==> flow/design.v <==
module my_mult #(
    parameter DW = 5
) (
    input  ck,
    input  nrst,
    input  [DW-1:0] a,
    input  [DW-1:0] b,
    output reg [2*DW-1:0] result
);
    reg [DW-1:0] r_a;
    reg [DW-1:0] r_b;
    always @(posedge ck) begin
        if (!nrst) begin
            r_a <= 0;
            r_b <= 0;
            result <= 0;
        end else begin
            r_a <= a;
            r_b <= b;
            result <= r_a * r_b;
        end
    end
endmodule
# [Reports on my_mult]
# A sweep over "DW": the same steps for each member of the family.
# The file above is the member DW 5. Line numbers count from 1 in each member's own file.
# Library cell names are shortened.
# A cell with - has no value.
[inputs] top_module="my_mult" clock="ck" library="sky130hd" corner="tt_025C_1v80"

# [Members of the sweep]
# New or changed lines of each further member against the RTL above, in its own file; lines it lacks are not shown.
[changed_lines] DW=14 line_no=2 text="parameter DW = 14"
[changed_lines] DW=24 line_no=2 text="parameter DW = 24"

# [Elaborated design]
# Yosys after proc, flatten, opt, wreduce and memory -nomap, before mapping. Enables and synchronous resets that opt folds into registers are not counted as muxes. Memory bits, and registers merged into a memory's read port (data or address), are not among the register bits. Print and check cells are not counted. Equal cells are merged and count once.
[classes] DW=5 mul=1
[classes] DW=14 mul=1
[classes] DW=24 mul=1
[op_table] DW=5 op_list="multiplier 5 x 5 -> 10 bit (1)"
[op_table] DW=14 op_list="multiplier 14 x 14 -> 28 bit (1)"
[op_table] DW=24 op_list="multiplier 24 x 24 -> 48 bit (1)"
[bits] DW=5 in_bits=12 out_inout_bits=10 reg_bits=20 wordCells=4
[bits] DW=14 in_bits=30 out_inout_bits=28 reg_bits=56 wordCells=4
[bits] DW=24 in_bits=50 out_inout_bits=48 reg_bits=96 wordCells=4

# [Depth]
# Yosys ltp: most cells in a row. Word level: on the elaborated netlist, between registers, memories and ports. Mapped: between sequential cells and ports; inverters and the memories' decode and read muxes count.
[logic_depth] DW=5 depth_word=1 abc_area=0 mapped_depth=11
[logic_depth] DW=14 depth_word=1 abc_area=0 mapped_depth=21
[logic_depth] DW=24 depth_word=1 abc_area=0 mapped_depth=26

# [Synthesis result]
# Source: synth_stat.txt of the flow (Yosys; design flattened, memories mapped). It holds for the ABC_AREA given above (unset counts as 0); a run with the other value may have another netlist.
# The area totals of this step are shown rounded.
[synth_totals] DW=5 cell_count=133 sequential_area_um2=400 yosys_area_um2=1300 flip_flops=20
[synth_totals] DW=14 cell_count=942 sequential_area_um2=1100 yosys_area_um2=8400 flip_flops=56
[synth_totals] DW=24 cell_count=2416 sequential_area_um2=1900 yosys_area_um2=22000 flip_flops=96
[types] DW=5 cell_types="dfxtp_1 (20); ha_1 (18); and2_1 (30); fa_1 (9); inv_1 (12); nand2_1 (7); nor3_1 (4); a41oi_2 (1); a21oi_1 (3); o21a_1 (2); nor2b_4 (1); a211oi_2 (1); nor3b_2 (1); o211ai_2 (1); o31ai_2 (1); mux2i_1 (1); o211a_1 (1); a21oi_2 (1); [+19]"
[types] DW=14 cell_types="fa_1 (141); ha_1 (92); dfxtp_1 (56); and2_1 (130); inv_1 (185); nand2_1 (128); a21oi_1 (28); clkbuf_1 (36); nor2_1 (22); xnor2_1 (9); mux2i_1 (7); nand2b_1 (11); o21ai_0 (13); nand3_1 (11); nand4_1 (7); xor2_1 (4); and3_1 (5); nor3_1 (6); [+51]"
[types] DW=24 cell_types="fa_1 (482); and2_1 (361); ha_1 (174); inv_1 (560); dfxtp_1 (96); nand2_1 (324); clkbuf_1 (117); a21oi_1 (57); nor2_1 (47); o21ai_0 (30); xnor2_1 (17); xor2_1 (14); a21o_1 (13); and3_1 (12); nand4_1 (11); mux2i_1 (6); nand3_1 (12); nor3_1 (11); [+72]"
# A list marked [+n] leaves out that many cells.

# [Timing after synthesis]
# Path of least setup slack by OpenSTA after synthesis, without wires, with an ideal clock, recovery checks aside; 20% of the period is set as input and as output delay. Where synthesis merged equal registers, the netlist keeps one of their names.
[synth_path] DW=5 path_type="flip-flop to flip-flop" startpoint="reg r_b[4]" endpoint="reg result[8]" setup_slack_ns=0.764 stages=11 delay_ns=3.046 clock_period_ns=3.81 synth_period_reached_ns=3.046
[synth_path] DW=14 path_type="flip-flop to flip-flop" startpoint="reg r_b[2]" endpoint="reg result[19]" setup_slack_ns=1.319 stages=21 delay_ns=5.271 clock_period_ns=6.59 synth_period_reached_ns=5.271
[synth_path] DW=24 path_type="flip-flop to flip-flop" startpoint="reg r_b[3]" endpoint="reg result[35]" setup_slack_ns=1.701 stages=27 delay_ns=6.819 clock_period_ns=8.52 synth_period_reached_ns=6.819
# "delay_ns" is the arrival time less input delay plus setup time.
# "stages": output pins that drive a net of the path, with the launching flip-flop's if there is one; two outputs of one cell count as two.
# "synth_period_reached_ns" is the clock period less the worst setup slack; recovery checks do not enter. This is arithmetic on one report: input and output delays are still those of the set period (20% each).
# The rows between start and end are the longest chain of elaborated cells between them; the timing report does not say that the signal goes this way. Where chains are equally long, one stands for them.
# Each line given opens the expression or statement behind the cell; cells for indexed reads and writes are added by Yosys, which also makes memories of some case tables.
[synth_between_DW_5] elab_chain_len=1
[synth_rtl_DW_5] item="start: declaration" line_no=11 text="reg [DW-1:0] r_b;"
[synth_rtl_DW_5] item="start: assignment" line_no=15 text="r_b <= 0;"
[synth_rtl_DW_5] item="start: assignment" line_no=19 text="r_b <= b;"
[synth_rtl_DW_5] item="multiplier 5 x 5 -> 10 bit" line_no=20 text="result <= r_a * r_b;"
[synth_rtl_DW_5] item="end: assignment" line_no=16 text="result <= 0;"
[synth_rtl_DW_5] item="end: assignment" line_no=20
[synth_rtl_DW_5] item="end: declaration" line_no=8 text="output reg [2*DW-1:0] result"
[synth_between_DW_24] elab_chain_len=1
[synth_rtl_DW_24] item="start: declaration" line_no=11 text="reg [DW-1:0] r_b;"
[synth_rtl_DW_24] item="start: assignment" line_no=15 text="r_b <= 0;"
[synth_rtl_DW_24] item="start: assignment" line_no=19 text="r_b <= b;"
[synth_rtl_DW_24] item="multiplier 24 x 24 -> 48 bit" line_no=20 text="result <= r_a * r_b;"
[synth_rtl_DW_24] item="end: assignment" line_no=16 text="result <= 0;"
[synth_rtl_DW_24] item="end: assignment" line_no=20
[synth_rtl_DW_24] item="end: declaration" line_no=8 text="output reg [2*DW-1:0] result"

# [Timing after layout]
# From the final timing report of the run of each member: the path of least setup slack in the routed layout; clock arrival at registers is part of the times.
[layout_path] DW=5 path_type="flip-flop to flip-flop" startpoint="reg r_b[4]" endpoint="reg result[9]" setup_slack_ns=0.58 stages=11 arrival_ns=3.48 clock_period_ns=3.81 path_buffers=0
[layout_path] DW=14 path_type="flip-flop to flip-flop" startpoint="reg r_a[7]" endpoint="reg result[19]" setup_slack_ns=0.63 stages=20 arrival_ns=6.12 clock_period_ns=6.59 path_buffers=0
[layout_path] DW=24 path_type="flip-flop to flip-flop" startpoint="reg r_a[12]" endpoint="reg result[40]" setup_slack_ns=0.68 stages=22 arrival_ns=8.07 clock_period_ns=8.52 path_buffers=0

# [Measured runs]
# Settings and results of one run of the flow (Yosys, OpenROAD) for each member follow. The constraints put input and output delay at 20% of the set period each and load the outputs with 0.01 pF.
[flow_settings] CAP_MARGIN=20 CORE_MARGIN=2 CORE_UTILIZATION=40 SLEW_MARGIN=20
[settings_diff] DW=5 period_ns=3.81
[settings_diff] DW=14 period_ns=6.59
[settings_diff] DW=24 period_ns=8.52
[results] DW=5 yosys_chip_area_um2=1300 layout_utilization_pct=52 setup_ws_ns=0.58 timing.hold.ws_ns=0.56 die_um2=3800 clock_period_reached_ns=3.230 stdcell_area_um2=1600 power.total_w=0.00043 setupTns_ns=0.000
[results] DW=14 yosys_chip_area_um2=8400 layout_utilization_pct=46 setup_ws_ns=0.63 timing.hold.ws_ns=0.69 die_um2=22000 clock_period_reached_ns=5.955 stdcell_area_um2=9300 power.total_w=0.0015 setupTns_ns=0.000
[results] DW=24 yosys_chip_area_um2=22000 layout_utilization_pct=44 setup_ws_ns=0.68 timing.hold.ws_ns=0.87 die_um2=56000 clock_period_reached_ns=7.842 stdcell_area_um2=24000 power.total_w=0.0041 setupTns_ns=0.000
# By "clock_period_reached_ns" is meant the clock period of the run minus its worst setup slack. This is arithmetic on one report: input and output delays are still those of the set period (20% each).
# "power.total_w" is the tool's figure for a default switching activity; nothing was simulated.
# Values from the reports are rounded here.
